==> flow/design.v <==
module mult_rtl #(
    parameter int DWIDTH = 4
) (
    input  logic aclk,
    input  logic rst_ni,
    input  logic [DWIDTH-1:0] arg0,
    input  logic [DWIDTH-1:0] arg1,
    output logic [2*DWIDTH-1:0] res
);
    logic [DWIDTH-1:0] arg0_s;
    logic [DWIDTH-1:0] arg1_s;
    localparam int HALF = DWIDTH / 2;
    logic [DWIDTH-1:0] ll;
    half_mul #(.N(HALF)) el (.a(arg0_s[HALF-1:0]), .b(arg1_s[HALF-1:0]), .p(ll));
    logic [DWIDTH-1:0] lh;
    half_mul #(.N(HALF)) inst (.a(arg0_s[HALF-1:0]), .b(arg1_s[DWIDTH-1:HALF]), .p(lh));
    logic [DWIDTH-1:0] hl;
    half_mul #(.N(HALF)) i_sub (.a(arg0_s[DWIDTH-1:HALF]), .b(arg1_s[HALF-1:0]), .p(hl));
    logic [DWIDTH-1:0] hh;
    half_mul #(.N(HALF)) u0 (.a(arg0_s[DWIDTH-1:HALF]), .b(arg1_s[DWIDTH-1:HALF]), .p(hh));
    logic [DWIDTH-1:0] ll_s;
    logic [DWIDTH-1:0] lh_s;
    logic [DWIDTH-1:0] hl_s;
    logic [DWIDTH-1:0] hh_s;
    logic [DWIDTH:0] w2;
    assign w2 = lh_s + hl_s;
    always_ff @(posedge aclk or negedge rst_ni) begin
        if (~rst_ni) begin
            arg0_s <= '0;
            arg1_s <= '0;
            ll_s <= '0;
            lh_s <= '0;
            hl_s <= '0;
            hh_s <= '0;
            res <= '0;
        end else begin
            arg0_s <= arg0;
            arg1_s <= arg1;
            ll_s <= ll;
            lh_s <= lh;
            hl_s <= hl;
            hh_s <= hh;
            res <= {hh_s, ll_s} + {w2, {HALF{1'b0}}};
        end
    end
endmodule
module half_mul #(parameter N = 4) (
    input logic [N-1:0] a,
    input logic [N-1:0] b,
    output logic [2*N-1:0] p
);
    assign p = a * b;
endmodule
Subject: tool reports on mult_rtl

Hi,

From RTL to reports: mult_rtl:

A sweep over "DWIDTH": the same steps for each member of the family.
The file above is the member DWIDTH 4. Line numbers count from 1 in each member's own file.
Library cell names are shortened.
The mark n/a stands for no value.

* top: mult_rtl
* clock input: aclk
* standard-cell library: sky130hd
* library corner: tt_025C_1v80

Source of the members:

New or changed lines of each further member against the RTL above, in its own file; lines it lacks are not shown.

Lines new or changed
* DWIDTH 8: line 2 `parameter int DWIDTH = 8`
* DWIDTH 10: line 2 `parameter int DWIDTH = 10`
* DWIDTH 18: line 2 `parameter int DWIDTH = 18`
* DWIDTH 20: line 2 `parameter int DWIDTH = 20`
* DWIDTH 22: line 2 `parameter int DWIDTH = 22`

Word-level counts:

Counts by Yosys on the flattened word-level netlist (proc, flatten, opt, wreduce; memories kept). Register bits leave out memories and registers merged into their read ports (data or address); mux counts leave out enables and synchronous resets folded into registers. Print and check cells are left out. Cells with the same type and inputs are merged into one.

Storage and ports
* DWIDTH 4: bits of input ports 10, bits in registers 32
* DWIDTH 8: bits of input ports 18, bits in registers 64
* DWIDTH 10: bits of input ports 22, bits in registers 80
* DWIDTH 18: bits of input ports 38, bits in registers 144
* DWIDTH 20: bits of input ports 42, bits in registers 160
* DWIDTH 22: bits of input ports 46, bits in registers 176

Operators by class
* DWIDTH 4: multiply operators 4, add/subtract/negate cells 2
* DWIDTH 8: multiply operators 4, add/subtract/negate cells 2
* DWIDTH 10: multiply operators 4, add/subtract/negate cells 2
* DWIDTH 18: multiply operators 4, add/subtract/negate cells 2
* DWIDTH 20: multiply operators 4, add/subtract/negate cells 2
* DWIDTH 22: multiply operators 4, add/subtract/negate cells 2

Operators by type and width (kind and count)
* DWIDTH 4: multiplier 2 x 2 -> 4 bit: 4; adder 8 x 7 -> 8 bit: 1; adder 4 x 4 -> 5 bit: 1
* DWIDTH 8: multiplier 4 x 4 -> 8 bit: 4; adder 16 x 13 -> 16 bit: 1; adder 8 x 8 -> 9 bit: 1
* DWIDTH 10: multiplier 5 x 5 -> 10 bit: 4; adder 20 x 16 -> 20 bit: 1; adder 10 x 10 -> 11 bit: 1
* DWIDTH 18: multiplier 9 x 9 -> 18 bit: 4; adder 36 x 28 -> 36 bit: 1; adder 18 x 18 -> 19 bit: 1
* DWIDTH 20: multiplier 10 x 10 -> 20 bit: 4; adder 40 x 31 -> 40 bit: 1; adder 20 x 20 -> 21 bit: 1
* DWIDTH 22: multiplier 11 x 11 -> 22 bit: 4; adder 44 x 34 -> 44 bit: 1; adder 22 x 22 -> 23 bit: 1

Longest topological paths:

Yosys ltp: most cells in a row. Word level: on the elaborated netlist, between registers, memories and ports. Mapped: between sequential cells and ports; inverters and the memories' decode and read muxes count.

Depth
* DWIDTH 4: word-level depth 2, ABC_AREA 0, depth in mapped cells 10, depth with buffers taken out 10
* DWIDTH 8: word-level depth 2, ABC_AREA 0, depth in mapped cells 14, depth with buffers taken out 14
* DWIDTH 10: word-level depth 2, ABC_AREA 0, depth in mapped cells 14, depth with buffers taken out 13
* DWIDTH 18: word-level depth 2, ABC_AREA 0, depth in mapped cells 19, depth with buffers taken out 17
* DWIDTH 20: word-level depth 2, ABC_AREA 0, depth in mapped cells 21, depth with buffers taken out 20
* DWIDTH 22: word-level depth 2, ABC_AREA 0, depth in mapped cells 21, depth with buffers taken out 20

Netlist:

Yosys stat after the flow's synthesis: flattened, memories mapped to cells. It holds for the ABC_AREA given above (unset counts as 0); a run with the other value may have another netlist.
Totals and module areas in this step are rounded.

Synthesis totals
* DWIDTH 4: mapped cells 97, area of sequential cells 801 sq um, buffers 0, mapped flip-flops 32, mapped area 1350 sq um
* DWIDTH 8: mapped cells 358, area of sequential cells 1600 sq um, buffers 0, mapped flip-flops 64, mapped area 4030 sq um
* DWIDTH 10: mapped cells 567, area of sequential cells 2000 sq um, buffers 16, mapped flip-flops 80, mapped area 5880 sq um
* DWIDTH 18: mapped cells 1684, area of sequential cells 3600 sq um, buffers 50, mapped flip-flops 144, mapped area 16100 sq um
* DWIDTH 20: mapped cells 1956, area of sequential cells 4000 sq um, buffers 81, mapped flip-flops 160, mapped area 19100 sq um
* DWIDTH 22: mapped cells 2373, area of sequential cells 4400 sq um, buffers 100, mapped flip-flops 176, mapped area 22600 sq um

Cell types (types with counts)
* DWIDTH 4: dfrtp_1: 32; ha_1: 18; and2_1: 16; fa_1: 2; xnor2_1: 3; xor2_1: 2; a21o_1: 2; a21oi_1: 3; inv_1: 4; nor2b_1: 2; a2111oi_1: 1; nand3_1: 2; a211o_1: 1; and3b_1: 1; nor4b_1: 1; nand2_1: 2; nor2_1: 2; nand2b_1: 1; [+2]
* DWIDTH 8: dfrtp_1: 64; ha_1: 67; fa_1: 18; and2_1: 49; xnor2_1: 24; inv_1: 35; a21oi_1: 22; nand2_1: 22; a21o_1: 10; xor2_1: 7; nor2_1: 8; o2111ai_2: 2; o21bai_1: 4; o21ai_0: 5; a211oi_1: 3; nor3_1: 3; and3_1: 2; nor2b_1: 2; [+11]
* DWIDTH 10: dfrtp_1: 80; ha_1: 94; fa_1: 38; and2_1: 55; xnor2_1: 28; nand2_1: 58; inv_1: 57; xor2_1: 14; a21oi_1: 24; nor2_1: 30; a21o_1: 14; o21ai_0: 12; clkbuf_1: 15; a211oi_1: 6; o21bai_1: 6; o41ai_1: 4; nor3_1: 6; o211ai_1: 3; [+23]
* DWIDTH 18: fa_1: 202; dfrtp_1: 144; ha_1: 189; and2_1: 184; inv_1: 302; nand2_1: 187; xnor2_1: 50; a21oi_1: 58; xor2_1: 28; a21o_1: 27; clkbuf_1: 50; o21ai_0: 32; nor2_1: 40; nor3_1: 22; o21a_1: 12; o21bai_1: 12; a211oi_1: 10; and3_1: 12; [+123]
* DWIDTH 20: fa_1: 250; dfrtp_1: 160; ha_1: 261; and2_1: 255; inv_1: 285; nand2_1: 187; xnor2_1: 77; a21oi_1: 73; clkbuf_1: 81; a21o_1: 36; xor2_1: 30; nor2_1: 64; o21ai_0: 33; o21a_1: 14; o21bai_1: 11; nor3_1: 16; nand3_1: 15; a31oi_1: 9; [+99]
* DWIDTH 22: fa_1: 322; dfrtp_1: 176; ha_1: 285; and2_1: 274; inv_1: 425; nand2_1: 255; xnor2_1: 89; a21oi_1: 83; clkbuf_1: 100; a21o_1: 46; xor2_1: 32; nor2_1: 58; o21ai_0: 41; o21a_1: 21; nor2b_1: 15; nand3_1: 18; a211oi_1: 10; a31oi_1: 11; [+112]

The mark [+n] counts cells that are not listed.
The figures by module come from a second, unflattened synthesis with its own total; it is not the netlist above.

Second synthesis, totals
* DWIDTH 4: cells (unflattened synthesis) 90, area (unflattened synthesis) 1310 sq um
* DWIDTH 8: cells (unflattened synthesis) 371, area (unflattened synthesis) 4260 sq um
* DWIDTH 10: cells (unflattened synthesis) 567, area (unflattened synthesis) 6090 sq um
* DWIDTH 18: cells (unflattened synthesis) 1635, area (unflattened synthesis) 16100 sq um
* DWIDTH 20: cells (unflattened synthesis) 2075, area (unflattened synthesis) 19900 sq um
* DWIDTH 22: cells (unflattened synthesis) 2440, area (unflattened synthesis) 23400 sq um

Path before layout:

OpenSTA on the mapped netlist: ideal clock, no wires. The path of least setup slack (recovery checks aside). Input and output delay are each 20% of the period. Register names are those of the netlist, which keeps one name where synthesis merged equal registers.

Path post-synthesis
* DWIDTH 4: kind register to register, start point register lh_s[0], end point register res[7], path delay 2.049 ns, driving pins on the path 11, period 2.56 ns, slack 0.511 ns, synthesis period reached 2.049 ns
* DWIDTH 8: kind register to register, start point register arg1_s[3], end point register ll_s[7], path delay 2.658 ns, driving pins on the path 11, period 3.32 ns, slack 0.662 ns, synthesis period reached 2.658 ns
* DWIDTH 10: kind register to register, start point register arg1_s[9], end point register hh_s[9], path delay 3.442 ns, driving pins on the path 12, period 4.3 ns, slack 0.858 ns, synthesis period reached 3.442 ns
* DWIDTH 18: kind register to register, start point register arg0_s[6], end point register lh_s[17], path delay 4.763 ns, driving pins on the path 17, period 5.95 ns, slack 1.187 ns, synthesis period reached 4.763 ns
* DWIDTH 20: kind register to register, start point register arg1_s[11], end point register hh_s[19], path delay 5.277 ns, driving pins on the path 22, period 6.6 ns, slack 1.323 ns, synthesis period reached 5.277 ns
* DWIDTH 22: kind register to register, start point register arg0_s[18], end point register hl_s[19], path delay 5.298 ns, driving pins on the path 20, period 6.62 ns, slack 1.322 ns, synthesis period reached 5.298 ns

"path delay" = arrival - input delay + setup time.
"driving pins on the path" counts driving pins, that of a launching flip-flop among them; a cell with two outputs on the path counts twice.
"synthesis period reached" = period - worst setup slack (recovery checks aside). The figure is calculated, with input and output delays left at 20% of the set period.
The rows between start and end are the longest chain of elaborated cells between them; the timing report does not say that the signal goes this way. Where chains are equally long, one stands for them.
A line is the first line of the expression or statement that the cell stems from. Yosys adds cells for indexed reads and writes and turns some case tables into memories.

Between the ends, post-synthesis, DWIDTH 4:
* length of the longest elaborated chain: 2

Ends and longest elaborated chain, post-synthesis, DWIDTH 4
* start, declared: line 22 `logic [DWIDTH-1:0] lh_s;`
* start, assigned: line 32 `lh_s <= '0;`
* start, assigned: line 40 `lh_s <= lh;`
* adder 4 x 4 -> 5 bit: line 26 `assign w2 = lh_s + hl_s;`
* adder 8 x 7 -> 8 bit: line 43 `res <= {hh_s, ll_s} + {w2, {HALF{1'b0}}};`
* end, assigned: line 35 `res <= '0;`
* end, assigned: line 43
* end, declared: line 8 `output logic [2*DWIDTH-1:0] res`

Between the ends, post-synthesis, DWIDTH 22:
* length of the longest elaborated chain: 1

Ends and longest elaborated chain, post-synthesis, DWIDTH 22
* start, declared: line 10 `logic [DWIDTH-1:0] arg0_s;`
* start, assigned: line 29 `arg0_s <= '0;`
* start, assigned: line 37 `arg0_s <= arg0;`
* multiplier 11 x 11 -> 22 bit: line 52 `assign p = a * b;`
* end, assigned: line 33 `hl_s <= '0;`
* end, assigned: line 41 `hl_s <= hl;`
* end, declared: line 23 `logic [DWIDTH-1:0] hl_s;`

Path in the finished layout:

Path of least setup slack in the final report of each member's run (OpenROAD, finished layout, wires in). Where an end is a register, its clock arrival counts in the times.

Path after layout
* DWIDTH 4: kind register to register, start point register lh_s[0], end point register res[7], slack 0.38 ns, data arrival time 2.38 ns, period 2.56 ns, driving pins on the path 11
* DWIDTH 8: kind register to register, start point register arg0_s[0], end point register ll_s[7], slack 0.41 ns, data arrival time 3.17 ns, period 3.32 ns, driving pins on the path 11
* DWIDTH 10: kind register to register, start point register lh_s[0], end point register res[19], slack 0.56 ns, data arrival time 4.01 ns, period 4.3 ns, driving pins on the path 14
* DWIDTH 18: kind register to register, start point register arg1_s[9], end point register lh_s[17], slack 0.90 ns, data arrival time 5.40 ns, period 5.95 ns, driving pins on the path 16
* DWIDTH 20: kind register to register, start point register arg1_s[11], end point register hh_s[19], slack 0.71 ns, data arrival time 6.29 ns, period 6.6 ns, driving pins on the path 21
* DWIDTH 22: kind register to register, start point register arg1_s[6], end point register ll_s[19], slack 0.62 ns, data arrival time 6.41 ns, period 6.62 ns, driving pins on the path 18

Layout results:

One run of the flow (Yosys, OpenROAD) for each member, with settings and measured results. Input and output delays are each 20% of the period that was set; the output load is 0.01 pF.

* CAP_MARGIN: 20
* CORE_MARGIN: 2
* CORE_UTILIZATION: 40
* SLEW_MARGIN: 20

Settings by member (period_ns)
* DWIDTH 4: 2.56
* DWIDTH 8: 3.32
* DWIDTH 10: 4.3
* DWIDTH 18: 5.95
* DWIDTH 20: 6.6
* DWIDTH 22: 6.62

Final reports
* DWIDTH 4: post-layout utilization 0.501, period achieved 2.179 ns, synthesized cell area 1350 sq um, area inside the die boundary 3850 sq um, worst setup slack after layout 0.381 ns, sum of negative setup slack 0.000 ns
* DWIDTH 8: post-layout utilization 0.486, period achieved 2.912 ns, synthesized cell area 4030 sq um, area inside the die boundary 10900 sq um, worst setup slack after layout 0.408 ns, sum of negative setup slack 0.000 ns
* DWIDTH 10: post-layout utilization 0.47, period achieved 3.738 ns, synthesized cell area 5880 sq um, area inside the die boundary 15700 sq um, worst setup slack after layout 0.562 ns, sum of negative setup slack 0.000 ns
* DWIDTH 18: post-layout utilization 0.45, period achieved 5.054 ns, synthesized cell area 16100 sq um, area inside the die boundary 41800 sq um, worst setup slack after layout 0.896 ns, sum of negative setup slack 0.000 ns
* DWIDTH 20: post-layout utilization 0.445, period achieved 5.885 ns, synthesized cell area 19100 sq um, area inside the die boundary 49500 sq um, worst setup slack after layout 0.715 ns, sum of negative setup slack 0.000 ns
* DWIDTH 22: post-layout utilization 0.444, period achieved 5.997 ns, synthesized cell area 22600 sq um, area inside the die boundary 58500 sq um, worst setup slack after layout 0.623 ns, sum of negative setup slack 0.000 ns

"period achieved": clock period set for the run, less the worst setup slack. It is reckoned from that one timing run; input and output delays stay at 20% of the period that was set.
Values from the reports are rounded here.

Regards
